==> flow/design.v <==
module gen_muxn (ck, i_rst, i_d_0, i_d_1, i_d_2, i_d_3, i_d_4, i_d_5, i_d_6, i_d_7, i_d_8, i_d_9, i_sel, o_dout);
   parameter DATA_WIDTH = 4;
   input ck;
   input i_rst;
   input [DATA_WIDTH-1:0] i_d_0;
   input [DATA_WIDTH-1:0] i_d_1;
   input [DATA_WIDTH-1:0] i_d_2;
   input [DATA_WIDTH-1:0] i_d_3;
   input [DATA_WIDTH-1:0] i_d_4;
   input [DATA_WIDTH-1:0] i_d_5;
   input [DATA_WIDTH-1:0] i_d_6;
   input [DATA_WIDTH-1:0] i_d_7;
   input [DATA_WIDTH-1:0] i_d_8;
   input [DATA_WIDTH-1:0] i_d_9;
   input [3:0] i_sel;
   output [DATA_WIDTH-1:0] o_dout;
   reg [DATA_WIDTH-1:0] d_0_ff;
   reg [DATA_WIDTH-1:0] d_1_ff;
   reg [DATA_WIDTH-1:0] d_2_ff;
   reg [DATA_WIDTH-1:0] d_3_ff;
   reg [DATA_WIDTH-1:0] d_4_ff;
   reg [DATA_WIDTH-1:0] d_5_ff;
   reg [DATA_WIDTH-1:0] d_6_ff;
   reg [DATA_WIDTH-1:0] d_7_ff;
   reg [DATA_WIDTH-1:0] d_8_ff;
   reg [DATA_WIDTH-1:0] d_9_ff;
   reg [3:0] sel_ff;
   always @(posedge ck) begin
      if (i_rst) begin
         d_0_ff <= 0;
         d_1_ff <= 0;
         d_2_ff <= 0;
         d_3_ff <= 0;
         d_4_ff <= 0;
         d_5_ff <= 0;
         d_6_ff <= 0;
         d_7_ff <= 0;
         d_8_ff <= 0;
         d_9_ff <= 0;
         sel_ff <= 0;
      end else begin
         d_0_ff <= i_d_0;
         d_1_ff <= i_d_1;
         d_2_ff <= i_d_2;
         d_3_ff <= i_d_3;
         d_4_ff <= i_d_4;
         d_5_ff <= i_d_5;
         d_6_ff <= i_d_6;
         d_7_ff <= i_d_7;
         d_8_ff <= i_d_8;
         d_9_ff <= i_d_9;
         sel_ff <= i_sel;
      end
   end
   reg [DATA_WIDTH-1:0] work;
   always @(*) begin
      if (sel_ff == 0) work = d_0_ff;
      else if (sel_ff == 1) work = d_1_ff;
      else if (sel_ff == 2) work = d_2_ff;
      else if (sel_ff == 3) work = d_3_ff;
      else if (sel_ff == 4) work = d_4_ff;
      else if (sel_ff == 5) work = d_5_ff;
      else if (sel_ff == 6) work = d_6_ff;
      else if (sel_ff == 7) work = d_7_ff;
      else if (sel_ff == 8) work = d_8_ff;
      else work = d_9_ff;
   end
   assign o_dout = work;
endmodule
-- From RTL to reports: gen_muxn
Tool output for the design above, in the order of the flow.
Lines are those of the file above, counted from 1.
Operators: Yosys type, input widths -> output width; for muxes data width and select width s.
A cell with n/a has no value.
- top module: gen_muxn
- clock input: ck
- library: sky130hd
- corner: tt_025C_1v80

-- Elaborated design
Yosys after proc, flatten, opt, wreduce and memory -nomap, before mapping. Enables and synchronous resets that opt folds into registers are not counted as muxes. Memory bits, and registers merged into a memory's read port (data or address), are not among the register bits. Print and check cells are not counted. Equal cells are merged and count once.
- output and inout bits: 4
- register bits: 44
- word-level cells at 29
- input port bits: 46
- noted mux-type cells: 9
- equal/unequal tests at 8
- reduce/logical cells at 1
- operator list (operator ; number):
    $mux 4 ; 9
    $eq 4x3->1 const B ; 4
    $eq 4x2->1 const B ; 2
    $eq 4x1->1 const B ; 1
    $eq 4x4->1 const B ; 1
    $logic_not 4->1 ; 1

-- Longest topological paths
Yosys ltp: most cells in a row. Word level: on the elaborated netlist, between registers, memories and ports. Mapped: between sequential cells and ports; inverters and the memories' decode and read muxes count.
- depth after elaboration: 10
- ABC_AREA at 0
- mapped depth at 7
- noted mapped depth without buffers: 5

-- After synthesis
Yosys stat after the flow's synthesis: flattened, memories mapped to cells. It holds for the ABC_AREA given above (unset counts as 0); a run with the other value may have another netlist.
The area totals of this step are shown rounded.
- cell types (cell type ; number ; total area (um^2)):
    sky130_fd_sc_hd__dfxtp_1 ; 44 ; 880.845
    sky130_fd_sc_hd__nor2b_1 ; 49 ; 306.544
    sky130_fd_sc_hd__a21oi_1 ; 18 ; 90.086
    sky130_fd_sc_hd__mux2i_1 ; 6 ; 60.058
    sky130_fd_sc_hd__buf_6 ; 3 ; 33.782
    sky130_fd_sc_hd__nor2_1 ; 9 ; 33.782
    sky130_fd_sc_hd__a22oi_1 ; 4 ; 30.029
    sky130_fd_sc_hd__clkbuf_1 ; 7 ; 26.275
    sky130_fd_sc_hd__o311ai_1 ; 3 ; 26.275
    sky130_fd_sc_hd__o32ai_1 ; 3 ; 26.275
    sky130_fd_sc_hd__nand2b_1 ; 4 ; 25.024
    sky130_fd_sc_hd__mux4_2 ; 1 ; 22.522
    sky130_fd_sc_hd__o21ai_1 ; 4 ; 20.019
    sky130_fd_sc_hd__and3_1 ; 3 ; 18.768
    sky130_fd_sc_hd__or2_1 ; 3 ; 18.768
    sky130_fd_sc_hd__buf_8 ; 1 ; 15.014
    sky130_fd_sc_hd__nand2_1 ; 4 ; 15.014
    sky130_fd_sc_hd__nand3_1 ; 3 ; 15.014
Other cell types: 13; their cells: 17.
- synthesis area at 1790 um^2
- buffer cells: 13
- noted cell count: 186
- flip-flops: 44
- sequential part of the area: 881 um^2

-- Timing after synthesis
OpenSTA on the mapped netlist: ideal clock, no wires. The path of least setup slack (recovery checks aside). Input and output delay are each 20% of the period. Register names are those of the netlist, which keeps one name where synthesis merged equal registers.
- path kind: reg-to-output
- start point: register sel_ff[2]
- end point: output o_dout[1]
- noted data arrival time: 1.379 ns
- output delay: 0.430 ns
- required time: 1.720 ns
- noted clock period: 2.15 ns
- noted path slack: 0.341 ns
- buffers on the path: 1
- noted driving pins on the path: 7
- noted delay of the path: 1.379 ns
- time at the first pin: 0.000 ns
- noted period reached after synthesis: 1.809 ns
"delay of the path" is the arrival time less input delay plus setup time.
At an output port there is no setup time.
"driving pins on the path": output pins that drive a net of the path, with the launching flip-flop's if there is one; two outputs of one cell count as two.
"period reached after synthesis" is the clock period less the worst setup slack; recovery checks do not enter. This is arithmetic on one report: input and output delays are still those of the set period (20% each).
Between the ends stands the longest chain of elaborated cells between them, by number of cells; it is not shown to be the way that was timed. Of several equally long chains one is given.
Each line given opens the expression or statement behind the cell; cells for indexed reads and writes are added by Yosys, which also makes memories of some case tables.
- cell sequence: sky130_fd_sc_hd__dfxtp_1 -> sky130_fd_sc_hd__buf_6 -> sky130_fd_sc_hd__nor3b_2 -> sky130_fd_sc_hd__mux2i_1 -> sky130_fd_sc_hd__a21oi_1 -> sky130_fd_sc_hd__o32ai_1 -> sky130_fd_sc_hd__o311ai_1
- length of the longest elaborated chain: 10
- elaborated cells on any way between the ends at 18
- source lines of those cells at 9
- those cells by class: 8 x eq/ne; 9 x mux; 1 x reduce/logical
- ends and longest elaborated chain, post-synthesis (element ; RTL line ; RTL):
    from (decl) ; 27 ; reg [3:0] sel_ff;
    from (assign) ; 40 ; sel_ff <= 0;
    from (assign) ; 52 ; sel_ff <= i_sel;
    $eq 4x4->1 ; 65 ; else if (sel_ff == 8) work = d_8_ff;
    $mux 4 ; 65 ;
    $mux 4 ; 64 ; else if (sel_ff == 7) work = d_7_ff;
    $mux 4 ; 63 ; else if (sel_ff == 6) work = d_6_ff;
    $mux 4 ; 62 ; else if (sel_ff == 5) work = d_5_ff;
    $mux 4 ; 61 ; else if (sel_ff == 4) work = d_4_ff;
    $mux 4 ; 60 ; else if (sel_ff == 3) work = d_3_ff;
    $mux 4 ; 59 ; else if (sel_ff == 2) work = d_2_ff;
    $mux 4 ; 58 ; else if (sel_ff == 1) work = d_1_ff;
    $mux 4 ; 57 ; if (sel_ff == 0) work = d_0_ff;
    to (decl) ; 16 ; output [DATA_WIDTH-1:0] o_dout;

-- Timing after layout
Path of least setup slack in the final report of stored run 1 (OpenROAD, finished layout, wires in). Where an end is a register, its clock arrival counts in the times.
- path kind: reg-to-output
- start point: register sel_ff[2]
- end point: output o_dout[3]
- time at the first pin: 0.29 ns
- output delay: 0.43 ns
- noted driving pins on the path: 8
- noted path slack: -0.11 ns
- buffers on the path: 2
- noted clock period: 2.15 ns
- required time: 1.72 ns
- noted data arrival time: 1.83 ns
Between the ends stands the longest chain of elaborated cells between them, by number of cells; it is not shown to be the way that was timed. Of several equally long chains one is given.
- cell sequence: sky130_fd_sc_hd__dfxtp_4 -> sky130_fd_sc_hd__nor3b_4 -> sky130_fd_sc_hd__buf_6 -> sky130_fd_sc_hd__mux2i_1 -> sky130_fd_sc_hd__a21oi_1 -> sky130_fd_sc_hd__o32ai_1 -> sky130_fd_sc_hd__o311ai_1 -> sky130_fd_sc_hd__buf_2
- length of the longest elaborated chain: 10
- elaborated cells on any way between the ends at 18
- source lines of those cells at 9
- those cells by class: 8 x eq/ne; 9 x mux; 1 x reduce/logical
- ends and longest elaborated chain, after layout (element ; RTL line ; RTL):
    from (decl) ; 27 ; reg [3:0] sel_ff;
    from (assign) ; 40 ; sel_ff <= 0;
    from (assign) ; 52 ; sel_ff <= i_sel;
    $eq 4x4->1 ; 65 ; else if (sel_ff == 8) work = d_8_ff;
    $mux 4 ; 65 ;
    $mux 4 ; 64 ; else if (sel_ff == 7) work = d_7_ff;
    $mux 4 ; 63 ; else if (sel_ff == 6) work = d_6_ff;
    $mux 4 ; 62 ; else if (sel_ff == 5) work = d_5_ff;
    $mux 4 ; 61 ; else if (sel_ff == 4) work = d_4_ff;
    $mux 4 ; 60 ; else if (sel_ff == 3) work = d_3_ff;
    $mux 4 ; 59 ; else if (sel_ff == 2) work = d_2_ff;
    $mux 4 ; 58 ; else if (sel_ff == 1) work = d_1_ff;
    $mux 4 ; 57 ; if (sel_ff == 0) work = d_0_ff;
    to (decl) ; 16 ; output [DATA_WIDTH-1:0] o_dout;

Subject: flow runs of gen_muxn

Hi,

Below are 3 stored runs of the flow (Yosys, OpenROAD; platform sky130hd) on gen_muxn, each with its settings and what was measured, unordered. Constraints: input delay and output delay 20% of the set period each, output load 0.01 pF.
"clock period reached" = clock period - worst setup slack. The figure is calculated, with input and output delays left at 20% of the set period.
"allowed time less slack (worst setup path)" means the part of the period allowed to the worst setup path (the constraints hold back 20% at inputs and 20% at outputs) less its slack; where the path has registers, the arrival times of their clocks count too.
"total power of the final layout" rests on the timing tool's default activity at the inputs, not on a simulated workload.
Measured values are rounded.

Stored run 1
Settings were period_ns = 2.15; CAP_MARGIN = 20; CORE_MARGIN = 2; CORE_UTILIZATION = 40; SLEW_MARGIN = 20
- noted the final setup TNS: -0.325 ns
- noted the clock period reached: 2.259 ns
- die footprint at 5,010 um^2
- worst setup slack after layout: -0.109 ns
- noted the allowed time less slack (worst setup path): 1.83 ns
- critical path type: reg-to-output
- worst hold slack: 0.688 ns
- noted the utilization after routing: 0.606
- total power of the final layout at 1.83 mW
- noted the standard-cell area after layout: 2,620 um^2
- Yosys chip area after synthesis: 1,790 um^2

Stored run 2
Settings were period_ns = 1.8; CORE_UTILIZATION = 65; HOLD_SLACK_MARGIN = 0.04; CELL_PAD_IN_SITES_DETAIL_PLACEMENT = 1; ABC_AREA = 0; GPL_ROUTABILITY_DRIVEN = 1; CTS_CLUSTER_SIZE = 65; CAP_MARGIN = 5; SLEW_MARGIN = 35; CORE_MARGIN = 2
- stopped before the end: placement reported DPL-0033

Stored run 3
Settings were period_ns = 1.41; CORE_UTILIZATION = 38; PLACE_DENSITY_LB_ADDON = 0.14; CORE_ASPECT_RATIO = 1.89; CELL_PAD_IN_SITES_DETAIL_PLACEMENT = 2; GPL_TIMING_DRIVEN = 0; CTS_CLUSTER_SIZE = 14; CAP_MARGIN = 20; CORE_MARGIN = 2; SLEW_MARGIN = 20
- total power of the final layout at 2.77 mW
- worst hold slack: 0.517 ns
- noted the final setup TNS: -3.62 ns
- noted the clock period reached: 2.368 ns
- Yosys chip area after synthesis: 1,790 um^2
- noted the standard-cell area after layout: 2,650 um^2
- worst setup slack after layout: -0.958 ns
- noted the allowed time less slack (worst setup path): 2.09 ns
- critical path type: reg-to-output
- die footprint at 5,290 um^2
- noted the utilization after routing: 0.581

Regards
